==> flow/design.v <==
module reg_bank_n #(
    parameter integer NREGS = 96,
    parameter integer WD = 10,
    parameter integer AW = $clog2(NREGS)
) (
    input wire clk,
    input wire rst_ni,
    input wire en,
    input wire write_in,
    input wire [AW-1:0] wr_addr_in,
    input wire [WD-1:0] wr_data_in,
    input wire [AW-1:0] raddr1_in,
    input wire [AW-1:0] raddr2_in,
    output wire [WD-1:0] dout1_out,
    output wire [WD-1:0] dout2_out
);
    reg write_reg;
    always @(posedge clk) begin
        if (!rst_ni) begin
            write_reg <= 1'b0;
        end else if (en) begin
            write_reg <= write_in;
        end
    end
    reg [AW-1:0] wr_addr_reg;
    always @(posedge clk) begin
        if (!rst_ni) begin
            wr_addr_reg <= 0;
        end else if (en) begin
            wr_addr_reg <= wr_addr_in;
        end
    end
    reg [WD-1:0] wr_data_reg;
    always @(posedge clk) begin
        if (!rst_ni) begin
            wr_data_reg <= 0;
        end else if (en) begin
            wr_data_reg <= wr_data_in;
        end
    end
    reg [WD-1:0] gpr [NREGS-1:0];
    always @(posedge clk) begin
        if (en && write_reg)
            gpr[wr_addr_reg] <= wr_data_reg;
    end
    reg [AW-1:0] raddr1_reg;
    always @(posedge clk) begin
        if (!rst_ni) begin
            raddr1_reg <= 0;
        end else if (en) begin
            raddr1_reg <= raddr1_in;
        end
    end
    reg [AW-1:0] raddr2_reg;
    always @(posedge clk) begin
        if (!rst_ni) begin
            raddr2_reg <= 0;
        end else if (en) begin
            raddr2_reg <= raddr2_in;
        end
    end
    assign dout1_out = (write_reg && wr_addr_reg == raddr1_reg) ? wr_data_reg : gpr[raddr1_reg];
    assign dout2_out = (write_reg && wr_addr_reg == raddr2_reg) ? wr_data_reg : gpr[raddr2_reg];
endmodule
* Step by step through the tools: reg_bank_n *
Tool output for the design above, in the order of the flow.
Lines are those of the file above, counted from 1.
Operators: Yosys type, input widths -> output width; for muxes data width and select width s.
Cell names lack the library's common part.
A cell with n/a has no value.

design
  design top = reg_bank_n
  clock port = clk
  standard-cell library = sky130hd
  library corner = tt_025C_1v80

* Elaborated design *
Counts by Yosys on the flattened word-level netlist (proc, flatten, opt, wreduce; memories kept). Print and check cells are left out. Cells with the same type and inputs are merged into one.
Yosys's memory passes give these memory sizes; they may raise the number of words (mostly to a power of two), join words into wider ones and drop unused or constant bits.

word-level totals
  bits in registers = 32
  memory bits (writable) = 960
  word width x clocked read ports = 20
  memories = 1
  input bits = 35
  output and inout bits = 20
  cells after elaboration = 20

cells by class
  eq/ne operators = 2
  mux-type cells = 9
  reductions and logical operators = 3

memories
  memory  words  width  rd ports  write ports  line  RTL
  gpr     96     10     2         1            41    reg [WD-1:0] gpr [NREGS-1:0];

operators by type and width
  operator           count
  $mux 7             5
  $mux 10            3
  $eq 7x7->1         2
  $logic_and 1x1->1  3
  $mux 1             1

* Logic depth *
Depth = most cells in a row (Yosys ltp): at word level without a register or memory, in the mapped netlist without a sequential cell, where the memories' decode and read muxes count.

depth
  depth in word-level cells = 3
  ABC_AREA = 0
  gate-level depth with buffers = 9
  depth with buffers taken out = 5

* Netlist *
The flow's flattened synthesis, as Yosys stat reports it; memories are mapped. The netlist is that of the ABC_AREA named above (0 if unset); the other value can give another one.
Totals and module areas in this step are rounded.

mapped netlist
  standard cells after synthesis = 2,481
  cell area after synthesis = 0.04675 mm²
  flip-flop cells = 1,006
  buffer cells = 195

cells by type
  cell type  count
  edfxtp_1   960
  mux4_2     455
  mux2i_1    107
  dfxtp_1    46
  a22oi_1    84
  nor2b_1    79
  nor2_1     116
  mux4_1     13
  mux2_2     29
  clkbuf_1   78
  buf_2      58
  buf_4      34
  nand2_1    67
  a211oi_1   31
  a21oi_1    36
  a221oi_1   20
  nand3_1    35
  a31oi_1    26

Not listed: further types 32, cells in them 207.

* Worst setup path after synthesis *
Path of least setup slack by OpenSTA after synthesis, without wires, with an ideal clock, recovery checks aside; 20% of the period is set as input and as output delay. Where synthesis merged equal registers, the netlist keeps one of their names.

path post-synthesis
  path type = register to output
  start point = register wr_data_reg[6]
  end point = output dout1_out[6]
  clock period = 3.37 ns
  external output delay = 0.674 ns
  arrival time = 2.159 ns
  required time = 2.696 ns
  path slack = 0.537 ns
  delay of the path = 2.159 ns
  stages = 4
  path buffers = 0
  period reached after synthesis = 2.833 ns

"delay of the path" = arrival - input delay + setup time.
At an output port there is no setup time.
"stages": output pins that drive a net of the path, with the launching flip-flop's if there is one; two outputs of one cell count as two.
"period reached after synthesis" is the clock period less the worst setup slack; recovery checks do not enter. This is arithmetic on one report: input and output delays are still those of the set period (20% each).
The rows between start and end are the longest chain of elaborated cells between them; the timing report does not say that the signal goes this way. Where chains are equally long, one stands for them.
Each line given opens the expression or statement behind the cell; cells for indexed reads and writes are added by Yosys, which also makes memories of some case tables.

between the ends, post-synthesis
  cell sequence = dfxtp_1 inv_1 mux2_2 a31oi_1
  cells in the longest elaborated chain = 1
  elaborated cells on any way between the ends = 1
  those cells by class = mux: 1

ends and longest elaborated chain, post-synthesis
  what             line  RTL
  start, declared  33    reg [WD-1:0] wr_data_reg;
  start, assigned  36    wr_data_reg <= 0;
  start, assigned  38    wr_data_reg <= wr_data_in;
  $mux 10          62    assign dout1_out = (write_reg && wr_addr_reg == raddr1_reg) ? wr_data_reg : gpr[raddr1_reg];
  end, declared    14    output wire [WD-1:0] dout1_out,

* Timing after layout *
Path of least setup slack in the final report of run 2 (OpenROAD, finished layout, wires in). Where an end is a register, its clock arrival counts in the times.

path after layout
  path type = register to output
  start point = register (no name shown)
  end point = output dout2_out[1]
  clock period = 3.64 ns
  external output delay = 0.73 ns
  arrival time = 3.84 ns
  required time = 2.91 ns
  path slack = -0.93 ns
  stages = 7
  path buffers = 3

between the ends, after layout
  cell sequence = dfxtp_2 buf_4 clkbuf_1 o41ai_2 o21ai_4 a31oi_4 buf_2

ends and longest elaborated chain, after layout
  what           line  RTL
  end, declared  15    output wire [WD-1:0] dout2_out

No chain of elaborated cells between the ends is given.

--- measured runs ---
Module reg_bank_n, platform sky130hd: 3 stored runs of the flow (Yosys, OpenROAD) with differing settings, in no particular order. Input and output delays are each 20% of the period that was set; the output load is 0.01 pF.
"worst setup path time" is the time allowed to the run's worst setup path (the clock period less input and output delay, where it has them) less its slack. Clock arrival times count: a late capture clock shortens it, a late launch clock lengthens it.
Values from the reports are rounded here.

Run 1
==> flow/run.sh <==
#!/bin/bash
# the make line also repeats the synthesis and layout settings of config.mk as NAME=value (left out here)
make -C /OpenROAD-flow-scripts/flow DESIGN_CONFIG=/design/flow/config.mk WORK_HOME=/design/flow/orfs CLKGATE_MAP_FILE= finish
==> flow/config.mk <==
export PLATFORM = sky130hd
export DESIGN_NAME = reg_bank_n
export DESIGN_NICKNAME = reg_bank_n
export VERILOG_FILES = /design/flow/design.v
export SDC_FILE = /design/flow/constraint.sdc
export NUM_CORES = 4
export LEC_CHECK = 0
export ABC_AREA = 0
export CAP_MARGIN = 10
export CELL_PAD_IN_SITES_DETAIL_PLACEMENT = 2
export CORE_ASPECT_RATIO = 0.66
export CORE_MARGIN = 2
export CORE_UTILIZATION = 63
export CTS_CLUSTER_SIZE = 12
export PLACE_DENSITY = 0.83
export SETUP_SLACK_MARGIN = 0.38
export SLEW_MARGIN = 20
==> flow/constraint.sdc <==
create_clock -name core_clock -period 4.49 [get_ports {clk}]
set_input_delay 0.8980 -clock core_clock [delete_from_list [all_inputs] [get_ports {clk}]]
set_output_delay 0.8980 -clock core_clock [all_outputs]
set_load 0.01 [all_outputs]

==> results of run 1 <==
did not finish, placement stopped with DPL-0033

Run 2
==> flow/run.sh <==
#!/bin/bash
# the make line also repeats the synthesis and layout settings of config.mk as NAME=value (left out here)
make -C /OpenROAD-flow-scripts/flow DESIGN_CONFIG=/design/flow/config.mk WORK_HOME=/design/flow/orfs CLKGATE_MAP_FILE= finish
==> flow/config.mk <==
export PLATFORM = sky130hd
export DESIGN_NAME = reg_bank_n
export DESIGN_NICKNAME = reg_bank_n
export VERILOG_FILES = /design/flow/design.v
export SDC_FILE = /design/flow/constraint.sdc
export NUM_CORES = 4
export LEC_CHECK = 0
export CAP_MARGIN = 10
export CORE_ASPECT_RATIO = 1.48
export CORE_MARGIN = 2
export CORE_UTILIZATION = 24
export GPL_ROUTABILITY_DRIVEN = 1
export GPL_TIMING_DRIVEN = 0
export MAX_ROUTING_LAYER = met5
export MIN_ROUTING_LAYER = met2
export PLACE_DENSITY_LB_ADDON = 0.28
export SETUP_SLACK_MARGIN = 0.19
export SLEW_MARGIN = 20
export TNS_END_PERCENT = 10
==> flow/constraint.sdc <==
create_clock -name core_clock -period 3.64 [get_ports {clk}]
set_input_delay 0.7280 -clock core_clock [delete_from_list [all_inputs] [get_ports {clk}]]
set_output_delay 0.7280 -clock core_clock [all_outputs]
set_load 0.01 [all_outputs]

==> results of run 2 <==
chip area after synthesis (Yosys): 0.04675 mm²
die area: 0.1984 mm²
standard-cell area of the final layout: 0.05925 mm²
worst setup slack after layout: -0.926 ns
total negative slack: -15.09 ns
worst setup path time: 3.84 ns
worst setup path kind: register to output

Run 3
==> flow/run.sh <==
#!/bin/bash
# the make line also repeats the synthesis and layout settings of config.mk as NAME=value (left out here)
make -C /OpenROAD-flow-scripts/flow DESIGN_CONFIG=/design/flow/config.mk WORK_HOME=/design/flow/orfs CLKGATE_MAP_FILE= finish
==> flow/config.mk <==
export PLATFORM = sky130hd
export DESIGN_NAME = reg_bank_n
export DESIGN_NICKNAME = reg_bank_n
export VERILOG_FILES = /design/flow/design.v
export SDC_FILE = /design/flow/constraint.sdc
export NUM_CORES = 4
export LEC_CHECK = 0
export CAP_MARGIN = 20
export CORE_MARGIN = 2
export CORE_UTILIZATION = 40
export SLEW_MARGIN = 20
==> flow/constraint.sdc <==
create_clock -name core_clock -period 3.37 [get_ports {clk}]
set_input_delay 0.6740 -clock core_clock [delete_from_list [all_inputs] [get_ports {clk}]]
set_output_delay 0.6740 -clock core_clock [all_outputs]
set_load 0.01 [all_outputs]

==> results of run 3 <==
chip area after synthesis (Yosys): 0.04675 mm²
die area: 0.1196 mm²
standard-cell area of the final layout: 0.05931 mm²
worst setup slack after layout: -0.723 ns
total negative slack: -12.10 ns
worst setup path time: 3.42 ns
worst setup path kind: register to output
--- end ---
